==> flow/design.v <==
module mult #(
  parameter WD = 8,
  parameter WAYS = 7,
  parameter RES_W = 2*WD + $clog2(WAYS)
) (
  input wire aclk,
  input wire rst_n,
  input wire [WAYS*WD-1:0] rs1,
  input wire [WAYS*WD-1:0] rs2,
  output reg [RES_W-1:0] out
);
  reg [WAYS*WD-1:0] rs1_s;
  always @(posedge aclk or negedge rst_n) begin
    if (!rst_n) begin
      rs1_s <= 0;
    end else begin
      rs1_s <= rs1;
    end
  end
  reg [WAYS*WD-1:0] rs2_s;
  always @(posedge aclk or negedge rst_n) begin
    if (!rst_n) begin
      rs2_s <= 0;
    end else begin
      rs2_s <= rs2;
    end
  end
  reg [RES_W-1:0] t;
  integer idx;
  always @(*) begin
    t = 0;
    for (idx = 0; idx < WAYS; idx = idx + 1)
      t = t + rs1_s[idx*WD +: WD] * rs2_s[idx*WD +: WD];
  end
  always @(posedge aclk or negedge rst_n) begin
    if (!rst_n) begin
      out <= 0;
    end else begin
      out <= t;
    end
  end
endmodule
# Reports on mult

The steps from the RTL of mult to its reports follow in flow order.
Lines are those of the file above, counted from 1.
Operators carry their Yosys type and port widths (W data, S select, Z words).
Library cell names are shortened.
A cell with -- has no value.

Top module: mult
Clock input: aclk
Standard-cell library: sky130hd
Library corner: tt_025C_1v80

# Word level

Source: Yosys, flattened and elaborated, memories not mapped. Widths are those after wreduce; folded enables and synchronous resets count as part of the registers. Registers that Yosys merges into a memory's read port (data or address) are not register bits. Print and check cells do not count. Equal cells are merged and count once.

RAM bits: 0
Output and inout port bits: 19
Register bits after elaboration: 131
Bits in read-only memories: 0
Memories kept: 0
Clocked read ports x word width: 0
Latch bits: 0

Equal/unequal tests: 0
Order comparisons: 0
Multiplexer cells: 0
Multipliers: 7
Reductions and logical operators: 0
Divide/modulo/power cells: 0
Shift-type cells: 0
Bitwise logic cells: 0
$add $sub $neg: 6

Operators by type and width:

| kind             | number |
| $mul A8 B8 Y16   | 7 |
| $add A19 B16 Y19 | 3 |
| $add A18 B16 Y19 | 1 |
| $add A17 B16 Y18 | 1 |
| $add A16 B16 Y17 | 1 |

# Logic depth

Yosys ltp: most cells in a row. Word level: on the elaborated netlist, between registers, memories and ports. Mapped: between sequential cells and ports; inverters and the memories' decode and read muxes count.

Word-level depth: 7
ABC_AREA: 1
Mapped depth: 29
Mapped depth without buffers: 28

# Synthesis result

Source: synth_stat.txt of the flow (Yosys; design flattened, memories mapped). It holds for the ABC_AREA given above (unset counts as 0); a run with the other value may have another netlist.
The area totals of this step are shown rounded.

Cell types:

| cell type | number |
| fa_1      | 414 |
| dfrtp_1   | 131 |
| inv_1     | 857 |
| ha_1      | 198 |
| nand2_1   | 536 |
| clkbuf_1  | 112 |
| nand2_2   | 10 |
| nand3_1   | 9 |
| xor2_1    | 5 |
| nor3_2    | 4 |
| a21oi_1   | 7 |
| nor2_1    | 7 |
| xnor2_1   | 3 |
| inv_2     | 6 |
| nand3b_4  | 1 |
| nand3_2   | 1 |
| a21oi_2   | 1 |
| or2_4     | 1 |

Not listed: further types 3, cells in them 3.

Area of sequential cells: 0.00328 mm^2
Buffers: 112
Cell area after synthesis: 0.0201 mm^2
Standard cells after synthesis: 2306
Mapped flip-flops: 131

# Timing after synthesis

Path of least setup slack by OpenSTA after synthesis, without wires, with an ideal clock, recovery checks aside; 20% of the period is set as input and as output delay. Where synthesis merged equal registers, the netlist keeps one of their names.

Kind: reg-to-reg
Start: reg rs2_s[2]
End: reg out[17]
Arrival: 6.292 ns
Delay of the path: 6.409 ns
Time at the first pin: 0.000 ns
Setup slack: 2.181 ns
Data required time: 8.473 ns
Driving pins on the path: 28
Period: 8.59 ns
Period reached after synthesis: 6.409 ns

"delay of the path" is the arrival time less input delay plus setup time.
"driving pins on the path" counts driving pins, that of a launching flip-flop among them; a cell with two outputs on the path counts twice.
"period reached after synthesis" = period - worst setup slack (recovery checks aside). The figure is calculated, with input and output delays left at 20% of the set period.
The rows between start and end are the longest chain of elaborated cells between them; the timing report does not say that the signal goes this way. Where chains are equally long, one stands for them.
Each line given opens the expression or statement behind the cell; cells for indexed reads and writes are added by Yosys, which also makes memories of some case tables.

Path through: dfrtp_1 > clkbuf_1 > nand2_1 > fa_1 > inv_1 > fa_1 > inv_1 > fa_1 > inv_1 > fa_1 > inv_1 > fa_1 > fa_1 > inv_1 > fa_1 > fa_1 > inv_1 > fa_1 > inv_1 > ha_1 > nand2_1 > inv_2 > a21oi_1 > nand2_2 > nand2_1 > nand2_1 > nand2_1 > nand2_1
Length of the longest elaborated chain: 7
Elaborated cells between the ends (all ways): 7

RTL lines, path post-synthesis:

| element             | RTL line | text |
| start: declaration  | 20       | `reg [WAYS*WD-1:0] rs2_s;` |
| start: assignment   | 23       | `rs2_s <= 0;` |
| start: assignment   | 25       | `rs2_s <= rs2;` |
| $mul A8 B8 Y16      | 33       | `t = t + rs1_s[idx*WD +: WD] * rs2_s[idx*WD +: WD];` |
| $add A16 B16 Y17    | 33       |  |
| $add A17 B16 Y18    | 33       |  |
| $add A18 B16 Y19    | 33       |  |
| $add A19 B16 Y19 x3 | 33       |  |
| end: assignment     | 37       | `out <= 0;` |
| end: assignment     | 39       | `out <= t;` |
| end: declaration    | 10       | `output reg [RES_W-1:0] out` |

# Worst path after layout

Path of least setup slack in the final report of flow run 1 (OpenROAD, finished layout, wires in). Where an end is a register, its clock arrival counts in the times.

Kind: reg-to-reg
Start: reg rs1_s[44]
End: reg out[14]
Time at the first pin: 0.48 ns
Setup slack: -0.70 ns
Driving pins on the path: 27
Arrival: 6.89 ns
Period: 5.83 ns
Data required time: 6.19 ns

The rows between start and end are the longest chain of elaborated cells between them; the timing report does not say that the signal goes this way. Where chains are equally long, one stands for them.

Path through: dfrtp_1 > clkbuf_8 > nand2_2 > inv_2 > fa_1 > inv_1 > fa_1 > fa_1 > inv_2 > fa_2 > inv_2 > fa_1 > inv_1 > fa_1 > inv_2 > fa_1 > fa_1 > inv_1 > fa_2 > ha_4 > or2_4 > nand3_4 > nand2_4 > nand2_2 > nand2_1 > nand2_1 > nand2_2
Length of the longest elaborated chain: 3
Elaborated cells between the ends (all ways): 3

RTL lines, path after layout:

| element             | RTL line | text |
| start: declaration  | 12       | `reg [WAYS*WD-1:0] rs1_s;` |
| start: assignment   | 15       | `rs1_s <= 0;` |
| start: assignment   | 17       | `rs1_s <= rs1;` |
| $mul A8 B8 Y16      | 33       | `t = t + rs1_s[idx*WD +: WD] * rs2_s[idx*WD +: WD];` |
| $add A19 B16 Y19 x2 | 33       |  |
| end: assignment     | 37       | `out <= 0;` |
| end: assignment     | 39       | `out <= t;` |
| end: declaration    | 10       | `output reg [RES_W-1:0] out` |

Stored flow runs of mult (3 of them; Yosys, OpenROAD, sky130hd). They differ in their settings and are not a sequence. Constraints: input delay and output delay 20% of the set period each, output load 0.01 pF.
"worst path time" = time allowed to the worst setup path (clock period - input delay - output delay, where it has them) - its slack; a late launch clock adds to it, a late capture clock takes from it.
The measured numbers are rounded.
Among the settings, n/a means not set for that run.
Results: n/a = not shown.

| item                                     | flow run 1 | flow run 2 | flow run 3 |
| period_ns                                | 5.83       | 5.01       | 8.59       |
| CORE_UTILIZATION                         | 22         | 64         | 40         |
| SETUP_SLACK_MARGIN                       | 0.65       | 0.29       | n/a        |
| PLACE_DENSITY_LB_ADDON                   | 0.29       | 0.24       | n/a        |
| CORE_ASPECT_RATIO                        | 0.81       | n/a        | n/a        |
| TNS_END_PERCENT                          | 20         | n/a        | n/a        |
| ABC_AREA                                 | 1          | 0          | n/a        |
| GPL_TIMING_DRIVEN                        | 0          | n/a        | n/a        |
| CTS_CLUSTER_SIZE                         | 89         | n/a        | n/a        |
| CAP_MARGIN                               | 40         | 35         | 20         |
| MAX_ROUTING_LAYER                        | met5       | met4       | n/a        |
| CORE_MARGIN                              | 2          | 2          | 2          |
| SLEW_MARGIN                              | 20         | 20         | 20         |
| CELL_PAD_IN_SITES_GLOBAL_PLACEMENT       | n/a        | 1          | n/a        |
| CELL_PAD_IN_SITES_DETAIL_PLACEMENT       | n/a        | 2          | n/a        |
| CTS_CLUSTER_DIAMETER                     | n/a        | 172        | n/a        |
| MIN_ROUTING_LAYER                        | n/a        | met1       | n/a        |
| worst path time (ns)                     | 6.53       | n/a        | 7.31       |
| worst setup path type                    | reg-to-reg | n/a        | reg-to-reg |
| chip area after synthesis (Yosys) (mm^2) | 0.0201     | n/a        | 0.019      |
| utilization in the final report (%)      | 27.1       | n/a        | 46.4       |
| setup slack of the critical path (ns)    | -0.699     | n/a        | 1.28       |
| setup total negative slack (ns)          | -8.03      | n/a        | 0.000      |
| die area (mm^2)                          | 0.0936     | n/a        | 0.0493     |

Flow run 2: no final report: placement broke off with DPL-0033
